==> flow/design.v <==
module selector_top #(
    parameter int NBITS = 12,
    parameter int N_IN = 8,
    parameter int LG = $clog2(N_IN)
) (
    input logic clk,
    input logic [N_IN*NBITS-1:0] in_din,
    input logic [LG-1:0] in_idx,
    output logic [NBITS-1:0] out_data_out
);
    logic [N_IN*NBITS-1:0] din_s;
    logic [LG-1:0] idx_s;
    always_ff @(posedge clk) begin
        din_s <= in_din;
        idx_s <= in_idx;
    end
    logic [N_IN-1:0] hot;
    assign hot = {{(N_IN-1){1'b0}}, 1'b1} << idx_s;
    logic [NBITS-1:0] cur;
    always_comb begin
        cur = 0;
        for (int i = 0; i < N_IN; i++)
            cur = cur | (din_s[i*NBITS +: NBITS] & {NBITS{hot[i]}});
    end
    always_ff @(posedge clk) begin
        out_data_out <= cur;
    end
endmodule
Tool chain data of selector_top
What the tools print for selector_top, step after step.
Lines are those of the file above, counted from 1.
Not given: n/a
- top module: selector_top
- clock: clk
- standard-cell library: sky130hd
- corner: tt_025C_1v80

Word-level counts
Source: Yosys, flattened and elaborated, memories not mapped. Widths are those after wreduce; folded enables and synchronous resets count as part of the registers. Registers that Yosys merges into a memory's read port (data or address) are not register bits. Print and check cells do not count. Equal cells are merged and count once.
- add/subtract/negate cells at 0
- noted multiply operators: 0
- noted div/mod/pow operators: 0
- $lt $le $gt $ge at 0
- equality and inequality tests: 0
- shifts and indexed selects: 1
- muxes and demuxes: 0
- bitwise gates (word level): 15
- reductions and logical operators: 0
- operator list (kind ; count):
    bitwise AND 12 bit ; 8
    OR 12 bit ; 7
    left shift 1 x 3 -> 8 bit with constant A ; 1
- noted register bits after elaboration: 111
- noted bits in latches: 0
- RAM bits: 0
- noted bits in read-only memories: 0
- word width x clocked read ports at 0
- noted memories: 0
- noted input bits: 100

Logic depth
Depth = most cells in a row (Yosys ltp): at word level without a register or memory, in the mapped netlist without a sequential cell, where the memories' decode and read muxes count.
- depth in word-level cells at 9
- noted ABC_AREA: 0
- depth in mapped cells: 4
- mapped depth without buffers at 2

Netlist
Yosys stat after the flow's synthesis: flattened, memories mapped to cells. It holds for the ABC_AREA given above (unset counts as 0); a run with the other value may have another netlist.
The area totals of this step are shown rounded.
- cells by type (cell type ; count ; total area (um2)):
    sky130_fd_sc_hd__dfxtp_1 ; 111 ; 2.22E+03
    sky130_fd_sc_hd__mux4_1 ; 21 ; 551.779
    sky130_fd_sc_hd__mux2_2 ; 12 ; 135.13
    sky130_fd_sc_hd__mux4_2 ; 3 ; 67.565
    sky130_fd_sc_hd__buf_6 ; 3 ; 33.782
    sky130_fd_sc_hd__buf_2 ; 2 ; 10.01
    sky130_fd_sc_hd__clkbuf_1 ; 2 ; 7.507
- noted standard cells after synthesis: 154
- cell area after synthesis: 3028 um2
- sequential part of the area at 2222 um2
- mapped flip-flops at 111
- noted buffer cells: 7

Worst setup path after synthesis
OpenSTA on the mapped netlist: ideal clock, no wires. The path of least setup slack (recovery checks aside). Input and output delay are each 20% of the period. Register names are those of the netlist, which keeps one name where synthesis merged equal registers.
- kind: flip-flop to flip-flop
- start: reg idx_s[0]
- end: reg out_data_out[10]
- period: 1.85 ns
- noted data arrival time: 1.357 ns
- required time at 1.729 ns
- setup slack at 0.372 ns
- delay of the path at 1.478 ns
- driving pins on the path at 5
- synthesis period reached: 1.478 ns
"delay of the path" is the arrival time less input delay plus setup time.
"driving pins on the path": output pins that drive a net of the path, with the launching flip-flop's if there is one; two outputs of one cell count as two.
"synthesis period reached" is the clock period less the worst setup slack; recovery checks do not enter. This is arithmetic on one report: input and output delays are still those of the set period (20% each).
Between the ends stands the longest chain of elaborated cells between them, by number of cells; it is not shown to be the way that was timed. Of several equally long chains one is given.
Each line given opens the expression or statement behind the cell; cells for indexed reads and writes are added by Yosys, which also makes memories of some case tables.
- cell sequence: sky130_fd_sc_hd__dfxtp_1 -> sky130_fd_sc_hd__buf_6 -> sky130_fd_sc_hd__buf_6 -> sky130_fd_sc_hd__mux4_1 -> sky130_fd_sc_hd__mux2_2
- length of the longest elaborated chain at 9
- elaborated cells on any way between the ends at 16
- those cells by class: 1 x shift; 15 x logic
- ends and longest elaborated chain, post-synthesis (item ; line ; source):
    start: declaration ; 12 ; logic [LG-1:0] idx_s;
    start: assignment ; 15 ; idx_s <= in_idx;
    left shift 1 x 3 -> 8 bit ; 18 ; assign hot = {{(N_IN-1){1'b0}}, 1'b1} << idx_s;
    bitwise AND 12 bit ; 23 ; cur = cur | (din_s[i*NBITS +: NBITS] & {NBITS{hot[i]}});
    OR 12 bit x7 ; 23 ;
    end: assignment ; 26 ; out_data_out <= cur;
    end: declaration ; 9 ; output logic [NBITS-1:0] out_data_out

Timing after layout
From the final timing report of run A: the path of least setup slack in the routed layout; clock arrival at registers is part of the times.
- kind: flip-flop to flip-flop
- start: reg idx_s[0]
- end: reg out_data_out[8]
- period: 1.08 ns
- noted data arrival time: 1.71 ns
- required time at 1.33 ns
- setup slack at -0.37 ns
- driving pins on the path at 4
Between the ends stands the longest chain of elaborated cells between them, by number of cells; it is not shown to be the way that was timed. Of several equally long chains one is given.
- cell sequence: sky130_fd_sc_hd__dfxtp_4 -> sky130_fd_sc_hd__buf_12 -> sky130_fd_sc_hd__mux4_2 -> sky130_fd_sc_hd__mux2_4
- length of the longest elaborated chain at 9
- elaborated cells on any way between the ends at 16
- those cells by class: 1 x shift; 15 x logic
- ends and longest elaborated chain, post-layout (item ; line ; source):
    start: declaration ; 12 ; logic [LG-1:0] idx_s;
    start: assignment ; 15 ; idx_s <= in_idx;
    left shift 1 x 3 -> 8 bit ; 18 ; assign hot = {{(N_IN-1){1'b0}}, 1'b1} << idx_s;
    bitwise AND 12 bit ; 23 ; cur = cur | (din_s[i*NBITS +: NBITS] & {NBITS{hot[i]}});
    OR 12 bit x7 ; 23 ;
    end: assignment ; 26 ; out_data_out <= cur;
    end: declaration ; 9 ; output logic [NBITS-1:0] out_data_out

Measured data: module selector_top, platform sky130hd, 2 stored runs of the flow under differing settings, order arbitrary. Input and output delays are each 20% of the period that was set; the output load is 0.01 pF.
"critical path time": the worst setup path's part of the clock period (all of it between registers, 20% less for each end at a port) less its slack. A launch clock that arrives late makes it longer, a capture clock that arrives late makes it shorter.
Results are given in rounded form.

Run A
Settings were period_ns = 1.08; CORE_UTILIZATION = 31; SETUP_SLACK_MARGIN = 0.09; CORE_MARGIN = 10; CELL_PAD_IN_SITES_GLOBAL_PLACEMENT = 1; GPL_ROUTABILITY_DRIVEN = 0; MIN_ROUTING_LAYER = met2; MAX_ROUTING_LAYER = met5; CAP_MARGIN = 20; SLEW_MARGIN = 20
- mapped cell area after synthesis at 3028 um2
- die area at 14120 um2
- standard-cell area after layout at 4523 um2
- worst slack on setup checks at -0.373 ns
- sum of negative setup slack at -4.303 ns
- critical path time: 1.45 ns
- critical path kind: flip-flop to flip-flop

Run B
Settings were period_ns = 1.85; CAP_MARGIN = 20; CORE_MARGIN = 2; CORE_UTILIZATION = 40; SLEW_MARGIN = 20
- mapped cell area after synthesis at 3028 um2
- die area at 8282 um2
- standard-cell area after layout at 4436 um2
- worst slack on setup checks at 0.258 ns
- sum of negative setup slack at 0.000 ns
- critical path time: 1.22 ns
- critical path kind: flip-flop to output port
